==> flow/design.v <==
module scratch_mod #(
   parameter int D = 10,
   parameter int DATA_W = 10,
   parameter int ABITS = $clog2(D)
) (
   input logic CLK,
   input logic RSTN,
   input logic wen_i,
   input logic [ABITS-1:0] wa_i,
   input logic [DATA_W-1:0] wdata_i,
   input logic [ABITS-1:0] ra0_i,
   input logic [ABITS-1:0] ra1_i,
   output logic [DATA_W-1:0] q0_o,
   output logic [DATA_W-1:0] q1_o
);
   logic r_wen;
   logic [ABITS-1:0] r_wa;
   logic [DATA_W-1:0] r_wdata;
   always_ff @(posedge CLK or negedge RSTN) begin
      if (!RSTN) begin
         r_wen <= 1'b0;
         r_wa <= '0;
         r_wdata <= '0;
      end else begin
         r_wen <= wen_i;
         r_wa <= wa_i;
         r_wdata <= wdata_i;
      end
   end
   logic [DATA_W-1:0] ram [D-1:0];
   always_ff @(posedge CLK or negedge RSTN) begin
      if (!RSTN) begin
         for (int t = 0; t < D; t++)
            ram[t] <= '0;
      end else if (r_wen) begin
         ram[r_wa] <= r_wdata;
      end
   end
   logic [ABITS-1:0] r_ra0;
   logic [ABITS-1:0] r_ra1;
   logic [DATA_W-1:0] r_q0;
   always_ff @(posedge CLK or negedge RSTN) begin
      if (!RSTN) begin
         r_ra0 <= '0;
         r_ra1 <= '0;
         r_q0 <= '0;
      end else begin
         r_ra0 <= ra0_i;
         r_ra1 <= ra1_i;
         r_q0 <= ram[r_ra0];
      end
   end
   assign q0_o = r_q0;
   logic [DATA_W-1:0] r_q1;
   always_ff @(posedge CLK or negedge RSTN) begin
      if (!RSTN) begin
         r_q1 <= '0;
      end else begin
         r_q1 <= ram[r_ra1];
      end
   end
   assign q1_o = r_q1;
endmodule
* Reports on scratch_mod
The steps from the RTL of scratch_mod to its reports follow in flow order. Lines are those of the file above, counted from 1. Operators carry their Yosys type and port widths (W data, S select, Z words). Library cell names are shortened. The mark - stands for no value.
Inputs: top module scratch_mod, clock input CLK, cell library sky130hd, corner tt_025C_1v80

* Word-level counts
Source: Yosys, flattened and elaborated. Widths are those after wreduce. Registers that Yosys merges into a memory's read port (data or address) are not register bits. Print and check cells do not count. Equal cells are merged and count once.
Cells by class: equality and inequality tests 27, reductions and logical operators 13, muxes and demuxes 2
Operator list (count):
- $pmux W10 S10 | 2
- $eq A4 B3 Y1 const B | 12
- $eq A4 B2 Y1 const B | 6
- $eq A4 B4 Y1 const B | 6
- $reduce_and A2 Y1 | 10
- $eq A4 B1 Y1 const B | 3
- $logic_not A4 Y1 | 3
Word-level totals: output and inout port bits 20, bits in registers 143, elaborated cells 59, input port bits 25

* Longest topological paths
Longest topological path by Yosys (ltp), each cell counted once; first at word level (registers and memories cut), then after technology mapping (sequential cells cut; the memories' decode and read muxes count).
Logic depth: word-level depth 2, ABC_AREA 0, gate-level depth with buffers 7, gate-level depth less buffers 5

* Mapped cells and area
Yosys stat after the flow's synthesis: flattened, memories mapped to cells. It holds for the ABC_AREA given above (unset counts as 0); a run with the other value may have another netlist.
Cells by type (count):
- dfrtp_1 | 143
- mux2_2 | 108
- a21oi_1 | 45
- mux2i_1 | 17
- nor2_1 | 35
- buf_2 | 25
- o21ai_0 | 24
- nor2b_1 | 17
- a221oi_1 | 12
- a22oi_1 | 12
- nand2_1 | 18
- a32oi_1 | 6
- o22a_1 | 6
- and3_1 | 8
- o32a_1 | 5
- buf_1 | 12
- nand2b_1 | 7
- a32o_1 | 4
Other cell types: 38; their cells: 94.
Mapped netlist: flip-flops 143, cell count 598, buffer cells 48, sequential area 3578.4 µm², mapped area 6941.7 µm²

* Timing after synthesis
OpenSTA on the mapped netlist: ideal clock, no wires. The path of least setup slack (recovery checks aside). Input and output delay are each 20% of the period. Register names are those of the netlist, which keeps one name where synthesis merged equal registers.
Timing path after synthesis: path kind reg2reg, from register r_ra0[2], to register r_q0[7], stages 8, buffers on the path 2, setup slack 387 ps, arrival time 1427 ps, delay of the path 1553 ps, period 1940 ps, library setup time 126 ps, data required time 1814 ps, synthesis period reached 1553 ps
"delay of the path" = arrival - input delay + setup time. "stages" counts driving pins, that of a launching flip-flop among them; a cell with two outputs on the path counts twice. "synthesis period reached" = period - worst setup slack (recovery checks aside). The figure is calculated, with input and output delays left at 20% of the set period. Between the ends stands the longest chain of elaborated cells between them, by number of cells; it is not shown to be the way that was timed. Of several equally long chains one is given. A line is the first line of the expression or statement that the cell stems from. Yosys adds cells for indexed reads and writes and turns some case tables into memories.
On the way, after synthesis: path through dfrtp_1 > buf_6 > and2_4 > buf_6 > a22o_1 > a21oi_1 > a21oi_1 > o32a_1, cells in the longest elaborated chain 2
Ends and longest elaborated chain, after synthesis:
- from (decl) | RTL line 39 | logic [ABITS-1:0] r_ra0;
- from (assign) | RTL line 44 | r_ra0 <= '0;
- from (assign) | RTL line 48 | r_ra0 <= ra0_i;
- $eq A4 B4 Y1 | RTL line 50 | r_q0 <= ram[r_ra0];
- $pmux W10 S10 | RTL line 50
- to (assign) | RTL line 46 | r_q0 <= '0;
- to (assign) | RTL line 50
- to (decl) | RTL line 41 | logic [DATA_W-1:0] r_q0;

* Timing after layout
Path of least setup slack in the final report of stored run 1 (OpenROAD, finished layout, wires in). Where an end is a register, its clock arrival counts in the times. The path's times are printed in steps of 10 ps; the period is the one set.
Timing path post-layout: path kind reg2reg, from register r_ra0[2], to register r_q0[8], library setup time 110 ps, data required time 2250 ps, arrival time 2130 ps, stages 7, buffers on the path 2, setup slack 120 ps, period 1940 ps
Between the ends stands the longest chain of elaborated cells between them, by number of cells; it is not shown to be the way that was timed. Of several equally long chains one is given.
On the way, post-layout: path through dfrtp_1 > buf_4 > nor2_1 > mux2i_2 > buf_4 > nor2_1 > a211oi_1, cells in the longest elaborated chain 2
Ends and longest elaborated chain, post-layout:
- from (decl) | RTL line 39 | logic [ABITS-1:0] r_ra0;
- from (assign) | RTL line 44 | r_ra0 <= '0;
- from (assign) | RTL line 48 | r_ra0 <= ra0_i;
- $eq A4 B4 Y1 | RTL line 50 | r_q0 <= ram[r_ra0];
- $pmux W10 S10 | RTL line 50
- to (assign) | RTL line 46 | r_q0 <= '0;
- to (assign) | RTL line 50
- to (decl) | RTL line 41 | logic [DATA_W-1:0] r_q0;

## Implementation results

Stored flow runs of scratch_mod (3 of them; Yosys, OpenROAD, sky130hd). They differ in their settings and are not a sequence. Constraints: input delay and output delay 20% of the set period each, output load 0.01 pF.
"period achieved" is the run's clock period less its worst setup slack. It is reckoned from that one timing run; input and output delays stay at 20% of the period that was set.
"critical path time" is the time allowed to the run's worst setup path (the clock period less input and output delay, where it has them) less its slack. Clock arrival times count: a late capture clock shortens it, a late launch clock lengthens it.
"total design power" rests on the timing tool's default activity at the inputs, not on a simulated workload.
"critical path time" is given in steps of 10 ps.

[stored run 1] flow files
==> flow/run.sh <==
#!/bin/bash
# the make line also repeats the synthesis and layout settings of config.mk as NAME=value (left out here)
make -C /OpenROAD-flow-scripts/flow DESIGN_CONFIG=/design/flow/config.mk WORK_HOME=/design/flow/orfs CLKGATE_MAP_FILE= finish
==> flow/config.mk <==
export PLATFORM = sky130hd
export DESIGN_NAME = scratch_mod
export DESIGN_NICKNAME = scratch_mod
export VERILOG_FILES = /design/flow/design.v
export SDC_FILE = /design/flow/constraint.sdc
export NUM_CORES = 4
export LEC_CHECK = 0
export CAP_MARGIN = 20
export CORE_MARGIN = 2
export CORE_UTILIZATION = 40
export SLEW_MARGIN = 20
==> flow/constraint.sdc <==
create_clock -name core_clock -period 1.94 [get_ports {CLK}]
set_input_delay 0.3880 -clock core_clock [delete_from_list [all_inputs] [get_ports {CLK}]]
set_output_delay 0.3880 -clock core_clock [all_outputs]
set_load 0.01 [all_outputs]

[stored run 1] result: area of the synthesized netlist 6,941.7 µm²; overall die area 18,424.0 µm²; area of the standard cells in the finished layout 8,521.9 µm²; post-layout utilization 0.498; worst setup slack after layout 120 ps; worst hold slack after layout 397 ps; total design power 9.161 mW; period achieved 1,820 ps; critical path time 1,820 ps; type of the worst setup path reg2reg

[stored run 2] flow files
==> flow/run.sh <==
#!/bin/bash
# the make line also repeats the synthesis and layout settings of config.mk as NAME=value (left out here)
make -C /OpenROAD-flow-scripts/flow DESIGN_CONFIG=/design/flow/config.mk WORK_HOME=/design/flow/orfs CLKGATE_MAP_FILE= finish
==> flow/config.mk <==
export PLATFORM = sky130hd
export DESIGN_NAME = scratch_mod
export DESIGN_NICKNAME = scratch_mod
export VERILOG_FILES = /design/flow/design.v
export SDC_FILE = /design/flow/constraint.sdc
export NUM_CORES = 4
export LEC_CHECK = 0
export CAP_MARGIN = 25
export CORE_MARGIN = 10
export CORE_UTILIZATION = 63
export CTS_CLUSTER_SIZE = 92
export MIN_ROUTING_LAYER = met2
export PLACE_DENSITY_LB_ADDON = 0.17
export SLEW_MARGIN = 20
==> flow/constraint.sdc <==
create_clock -name core_clock -period 1.27 [get_ports {CLK}]
set_input_delay 0.2540 -clock core_clock [delete_from_list [all_inputs] [get_ports {CLK}]]
set_output_delay 0.2540 -clock core_clock [all_outputs]
set_load 0.01 [all_outputs]

[stored run 2] result: incomplete, routing halted on GRT-0232

[stored run 3] flow files
==> flow/run.sh <==
#!/bin/bash
# the make line also repeats the synthesis and layout settings of config.mk as NAME=value (left out here)
make -C /OpenROAD-flow-scripts/flow DESIGN_CONFIG=/design/flow/config.mk WORK_HOME=/design/flow/orfs CLKGATE_MAP_FILE= finish
==> flow/config.mk <==
export PLATFORM = sky130hd
export DESIGN_NAME = scratch_mod
export DESIGN_NICKNAME = scratch_mod
export VERILOG_FILES = /design/flow/design.v
export SDC_FILE = /design/flow/constraint.sdc
export NUM_CORES = 4
export LEC_CHECK = 0
export CAP_MARGIN = 20
export CORE_MARGIN = 2
export CORE_UTILIZATION = 45
export GPL_ROUTABILITY_DRIVEN = 0
export PLACE_DENSITY_LB_ADDON = 0.18
export SLEW_MARGIN = 20
export TNS_END_PERCENT = 15
==> flow/constraint.sdc <==
create_clock -name core_clock -period 1.41 [get_ports {CLK}]
set_input_delay 0.2820 -clock core_clock [delete_from_list [all_inputs] [get_ports {CLK}]]
set_output_delay 0.2820 -clock core_clock [all_outputs]
set_load 0.01 [all_outputs]

[stored run 3] result: area of the synthesized netlist 6,941.7 µm²; overall die area 16,435.2 µm²; area of the standard cells in the finished layout 9,852.0 µm²; post-layout utilization 0.65; worst setup slack after layout -279 ps; worst hold slack after layout 277 ps; total design power 13.017 mW; period achieved 1,689 ps; critical path time 1,690 ps; type of the worst setup path reg2reg
